==> flow/design.v <==
module ex_adder_top (ck, rst_ni, first, second, res, cy);
    parameter integer W = 36;
    input ck;
    input rst_ni;
    input [W-1:0] first;
    input [W-1:0] second;
    output [W-1:0] res;
    output cy;
    reg [W-1:0] first_d1;
    always @(posedge ck) begin
        if (~rst_ni) begin
            first_d1 <= 0;
        end else begin
            first_d1 <= first;
        end
    end
    reg [W-1:0] second_d1;
    always @(posedge ck) begin
        if (~rst_ni) begin
            second_d1 <= 0;
        end else begin
            second_d1 <= second;
        end
    end
    reg [W-1:0] g;
    reg [W-1:0] p;
    integer k;
    always @(*) begin
        g = first_d1 & second_d1;
        p = first_d1 ^ second_d1;
        for (k = 1; k < W; k = k * 2) begin
            g = g | (p & (g << k));
            p = p & (p << k);
        end
    end
    reg [W-1:0] val_d1;
    always @(posedge ck) begin
        if (~rst_ni) begin
            val_d1 <= 0;
        end else begin
            val_d1 <= first_d1 ^ second_d1;
        end
    end
    reg [W-1:0] g_d1;
    always @(posedge ck) begin
        if (~rst_ni) begin
            g_d1 <= 0;
        end else begin
            g_d1 <= g;
        end
    end
    reg [W-1:0] res_d1;
    always @(posedge ck) begin
        if (~rst_ni) begin
            res_d1 <= 0;
        end else begin
            res_d1 <= val_d1 ^ {g_d1[W-2:0], 1'b0};
        end
    end
    assign res = res_d1;
    reg cy_d1;
    always @(posedge ck) begin
        if (~rst_ni) begin
            cy_d1 <= 1'b0;
        end else begin
            cy_d1 <= g_d1[W-1];
        end
    end
    assign cy = cy_d1;
endmodule
======== Reports on ex_adder_top ========
Tool output for the design above, in the order of the flow.
Line numbers count from 1 in the design file above.
Cell names lack the library's common part.
The mark -- stands for no value.
inputs
  top module .............................. ex_adder_top
  clock ................................... ck
  library ................................. sky130hd
  corner .................................. tt_025C_1v80

======== Word-level counts ========
Counts by Yosys on the flattened word-level netlist (proc, flatten, opt, wreduce; memories kept). Register bits leave out memories and registers merged into their read ports (data or address); mux counts leave out enables and synchronous resets folded into registers. Print and check cells are left out. Cells with the same type and inputs are merged into one.
bit counts
  register bits ........................... 181
  input port bits ......................... 74
operators by class
  bitwise logic cells ..................... 20
operators with widths
  operator            count
  bitwise AND 36 bit  12
  bitwise OR 36 bit   6
  XOR 36 bit          2

======== Longest topological paths ========
Depth = most cells in a row (Yosys ltp): at word level without a register or memory, in the mapped netlist without a sequential cell, where the memories' decode and read muxes count.
depth
  depth in word-level cells ............... 13
  ABC_AREA ................................ 0
  gate-level depth with buffers ........... 9
  mapped depth without buffers ............ 8

======== Synthesis result ========
The flow's flattened synthesis, as Yosys stat reports it; memories are mapped. The netlist is that of the ABC_AREA named above (0 if unset); the other value can give another one.
synthesis totals
  sequential area ......................... 3623.5 µm²
  mapped flip-flops ....................... 181
  buffers ................................. 26
  synthesis area .......................... 6636.4 µm²
  cells in the netlist .................... 652
cell types
  cell      count  area in all (µm²)
  dfxtp_1   181    3.62E+03
  and2_1    112    700.672
  ha_1      36     450.432
  xnor2_1   35     306.544
  nor2_1    63     236.477
  a21oi_1   40     200.192
  a21o_1    19     142.637
  nand2_1   29     108.854
  clkbuf_1  24     90.086
  o21ai_0   14     70.067
  nand4_1   9      56.304
  o21a_1    6      45.043
  nor3_1    8      40.038
  a21oi_2   4      35.034
  o21ai_1   7      35.034
  a31oi_1   5      31.28
  nor2b_1   5      31.28
  o21bai_1  3      22.522
Other cell types: 33; their cells: 52.

======== Path before layout ========
Path of least setup slack by OpenSTA after synthesis, without wires, with an ideal clock, recovery checks aside; 20% of the period is set as input and as output delay. Where synthesis merged equal registers, the netlist keeps one of their names.
timing post-synthesis
  path type ............................... register to register
  start point ............................. register first_d1[7]
  end point ............................... register g_d1[35]
  arrival time ............................ 1.932 ns
  path buffers ............................ 0
  stages on the path ...................... 9
  setup slack ............................. 0.512 ns
  path delay .............................. 2.048 ns
  required time ........................... 2.444 ns
  clock period ............................ 2.56 ns
  time at the first pin ................... 0.000 ns
  synthesis period reached ................ 2.048 ns
"path delay" = arrival - input delay + setup time.
"stages on the path": output pins that drive a net of the path, with the launching flip-flop's if there is one; two outputs of one cell count as two.
"synthesis period reached" is the clock period less the worst setup slack; recovery checks do not enter. This is arithmetic on one report: input and output delays are still those of the set period (20% each).
Between the ends stands the longest chain of elaborated cells between them, by number of cells; it is not shown to be the way that was timed. Of several equally long chains one is given.
Each line given opens the expression or statement behind the cell; cells for indexed reads and writes are added by Yosys, which also makes memories of some case tables.
between the ends, post-synthesis
  cell sequence ........................... dfxtp_1 > ha_1 > a21o_1 > a21oi_1 > or3_1 > o221ai_2 > a211o_1 > a31o_1 > a41o_1
  length of the longest elaborated chain .. 11
ends and longest elaborated chain, post-synthesis
  what                            line  text
  start: declaration              9     reg [W-1:0] first_d1;
  start: assignment               12    first_d1 <= 0;
  start: assignment               14    first_d1 <= first;
  XOR 36 bit                      30    p = first_d1 ^ second_d1;
  bitwise AND 36 bit              32    g = g | (p & (g << k));
  bitwise OR 36 bit (2 in a row)  32
  bitwise AND 36 bit              32
  bitwise OR 36 bit               32
  bitwise AND 36 bit              32
  bitwise OR 36 bit               32
  bitwise AND 36 bit              32
  bitwise OR 36 bit (2 in a row)  32
  end: assignment                 47    g_d1 <= 0;
  end: assignment                 49    g_d1 <= g;
  end: declaration                44    reg [W-1:0] g_d1;

======== Timing after layout ========
From the final timing report of entry A: the path of least setup slack in the routed layout; clock arrival at registers is part of the times.
timing post-layout
  path type ............................... register to register
  start point ............................. register first_d1[3]
  end point ............................... register g_d1[35]
  path buffers ............................ 0
  clock period ............................ 2.56 ns
  time at the first pin ................... 0.42 ns
  required time ........................... 2.88 ns
  arrival time ............................ 2.60 ns
  setup slack ............................. 0.28 ns
  stages on the path ...................... 9
Between the ends stands the longest chain of elaborated cells between them, by number of cells; it is not shown to be the way that was timed. Of several equally long chains one is given.
between the ends, post-layout
  cell sequence ........................... dfxtp_1 > ha_1 > a21oi_1 > o21ai_1 > nor3_2 > o221ai_2 > a211o_1 > a31o_1 > a41o_1
  length of the longest elaborated chain .. 9
ends and longest elaborated chain, post-layout
  what                            line  text
  start: declaration              9     reg [W-1:0] first_d1;
  start: assignment               12    first_d1 <= 0;
  start: assignment               14    first_d1 <= first;
  XOR 36 bit                      30    p = first_d1 ^ second_d1;
  bitwise AND 36 bit              32    g = g | (p & (g << k));
  bitwise OR 36 bit (5 in a row)  32
  bitwise AND 36 bit              32
  bitwise OR 36 bit               32
  end: assignment                 47    g_d1 <= 0;
  end: assignment                 49    g_d1 <= g;
  end: declaration                44    reg [W-1:0] g_d1;

# Flow runs of ex_adder_top

Module ex_adder_top, platform sky130hd: 3 stored runs of the flow (Yosys, OpenROAD) with differing settings, in no particular order. Input and output delays are each 20% of the period that was set; the output load is 0.01 pF.
By "achieved clock period (ns)" is meant the clock period of the run minus its worst setup slack. This is arithmetic on one report: input and output delays are still those of the set period (20% each).
"worst setup path time (ns)": the worst setup path's part of the clock period (all of it between registers, 20% less for each end at a port) less its slack. A launch clock that arrives late makes it longer, a capture clock that arrives late makes it shorter.
By "finish__power__total" is meant OpenSTA's value without simulated activity: inputs other than the clock are taken to toggle once in ten clock periods, and the tool carries that through the logic.

Flow files of entry A
==> flow/run.sh <==
#!/bin/bash
# the make line also repeats the synthesis and layout settings of config.mk as NAME=value (left out here)
make -C /OpenROAD-flow-scripts/flow DESIGN_CONFIG=/design/flow/config.mk WORK_HOME=/design/flow/orfs CLKGATE_MAP_FILE= finish
==> flow/config.mk <==
export PLATFORM = sky130hd
export DESIGN_NAME = ex_adder_top
export DESIGN_NICKNAME = ex_adder_top
export VERILOG_FILES = /design/flow/design.v
export SDC_FILE = /design/flow/constraint.sdc
export NUM_CORES = 4
export LEC_CHECK = 0
export CAP_MARGIN = 20
export CORE_MARGIN = 2
export CORE_UTILIZATION = 40
export SLEW_MARGIN = 20
==> flow/constraint.sdc <==
create_clock -name core_clock -period 2.56 [get_ports {ck}]
set_input_delay 0.5120 -clock core_clock [delete_from_list [all_inputs] [get_ports {ck}]]
set_output_delay 0.5120 -clock core_clock [all_outputs]
set_load 0.01 [all_outputs]

report of entry A
yosys chip area after synthesis (um^2): 6636.4
finish__design__die__area: 17637.2
finish__design__instance__area__stdcell: 8633.3
finish__design__instance__utilization: 0.5262
finish__timing__setup__ws: 0.279
finish__timing__setup__tns: 0.000
finish__timing__hold__ws: 0.434
finish__power__total: 6.550e-03
achieved clock period (ns): 2.281
worst setup path time (ns): 2.28
worst setup path kind: register to register

Flow files of entry B
==> flow/run.sh <==
#!/bin/bash
# the make line also repeats the synthesis and layout settings of config.mk as NAME=value (left out here)
make -C /OpenROAD-flow-scripts/flow DESIGN_CONFIG=/design/flow/config.mk WORK_HOME=/design/flow/orfs CLKGATE_MAP_FILE= finish
==> flow/config.mk <==
export PLATFORM = sky130hd
export DESIGN_NAME = ex_adder_top
export DESIGN_NICKNAME = ex_adder_top
export VERILOG_FILES = /design/flow/design.v
export SDC_FILE = /design/flow/constraint.sdc
export NUM_CORES = 4
export LEC_CHECK = 0
export CAP_MARGIN = 20
export CELL_PAD_IN_SITES_DETAIL_PLACEMENT = 1
export CORE_ASPECT_RATIO = 0.7
export CORE_MARGIN = 9
export CORE_UTILIZATION = 30
export CTS_CLUSTER_DIAMETER = 151
export PLACE_DENSITY = 0.69
export SETUP_SLACK_MARGIN = 0.09
export SLEW_MARGIN = 20
==> flow/constraint.sdc <==
create_clock -name core_clock -period 1.65 [get_ports {ck}]
set_input_delay 0.3300 -clock core_clock [delete_from_list [all_inputs] [get_ports {ck}]]
set_output_delay 0.3300 -clock core_clock [all_outputs]
set_load 0.01 [all_outputs]

report of entry B
yosys chip area after synthesis (um^2): 6636.4
finish__design__die__area: 27885.5
finish__design__instance__area__stdcell: 9967.1
finish__design__instance__utilization: 0.4586
finish__timing__setup__ws: -0.640
finish__timing__setup__tns: -12.450
finish__timing__hold__ws: 0.272
finish__power__total: 1.007e-02
achieved clock period (ns): 2.290
worst setup path time (ns): 2.29
worst setup path kind: register to register

Flow files of entry C
==> flow/run.sh <==
#!/bin/bash
# the make line also repeats the synthesis and layout settings of config.mk as NAME=value (left out here)
make -C /OpenROAD-flow-scripts/flow DESIGN_CONFIG=/design/flow/config.mk WORK_HOME=/design/flow/orfs CLKGATE_MAP_FILE= finish
==> flow/config.mk <==
export PLATFORM = sky130hd
export DESIGN_NAME = ex_adder_top
export DESIGN_NICKNAME = ex_adder_top
export VERILOG_FILES = /design/flow/design.v
export SDC_FILE = /design/flow/constraint.sdc
export NUM_CORES = 4
export LEC_CHECK = 0
export CAP_MARGIN = 20
export CELL_PAD_IN_SITES_DETAIL_PLACEMENT = 2
export CORE_MARGIN = 2
export CORE_UTILIZATION = 71
export CTS_CLUSTER_SIZE = 75
export GPL_ROUTABILITY_DRIVEN = 1
export PLACE_DENSITY_LB_ADDON = 0.1
export SETUP_SLACK_MARGIN = -0.02
export SLEW_MARGIN = 20
export TNS_END_PERCENT = 45
==> flow/constraint.sdc <==
create_clock -name core_clock -period 1.65 [get_ports {ck}]
set_input_delay 0.3300 -clock core_clock [delete_from_list [all_inputs] [get_ports {ck}]]
set_output_delay 0.3300 -clock core_clock [all_outputs]
set_load 0.01 [all_outputs]

report of entry C: did not finish, place, tool error
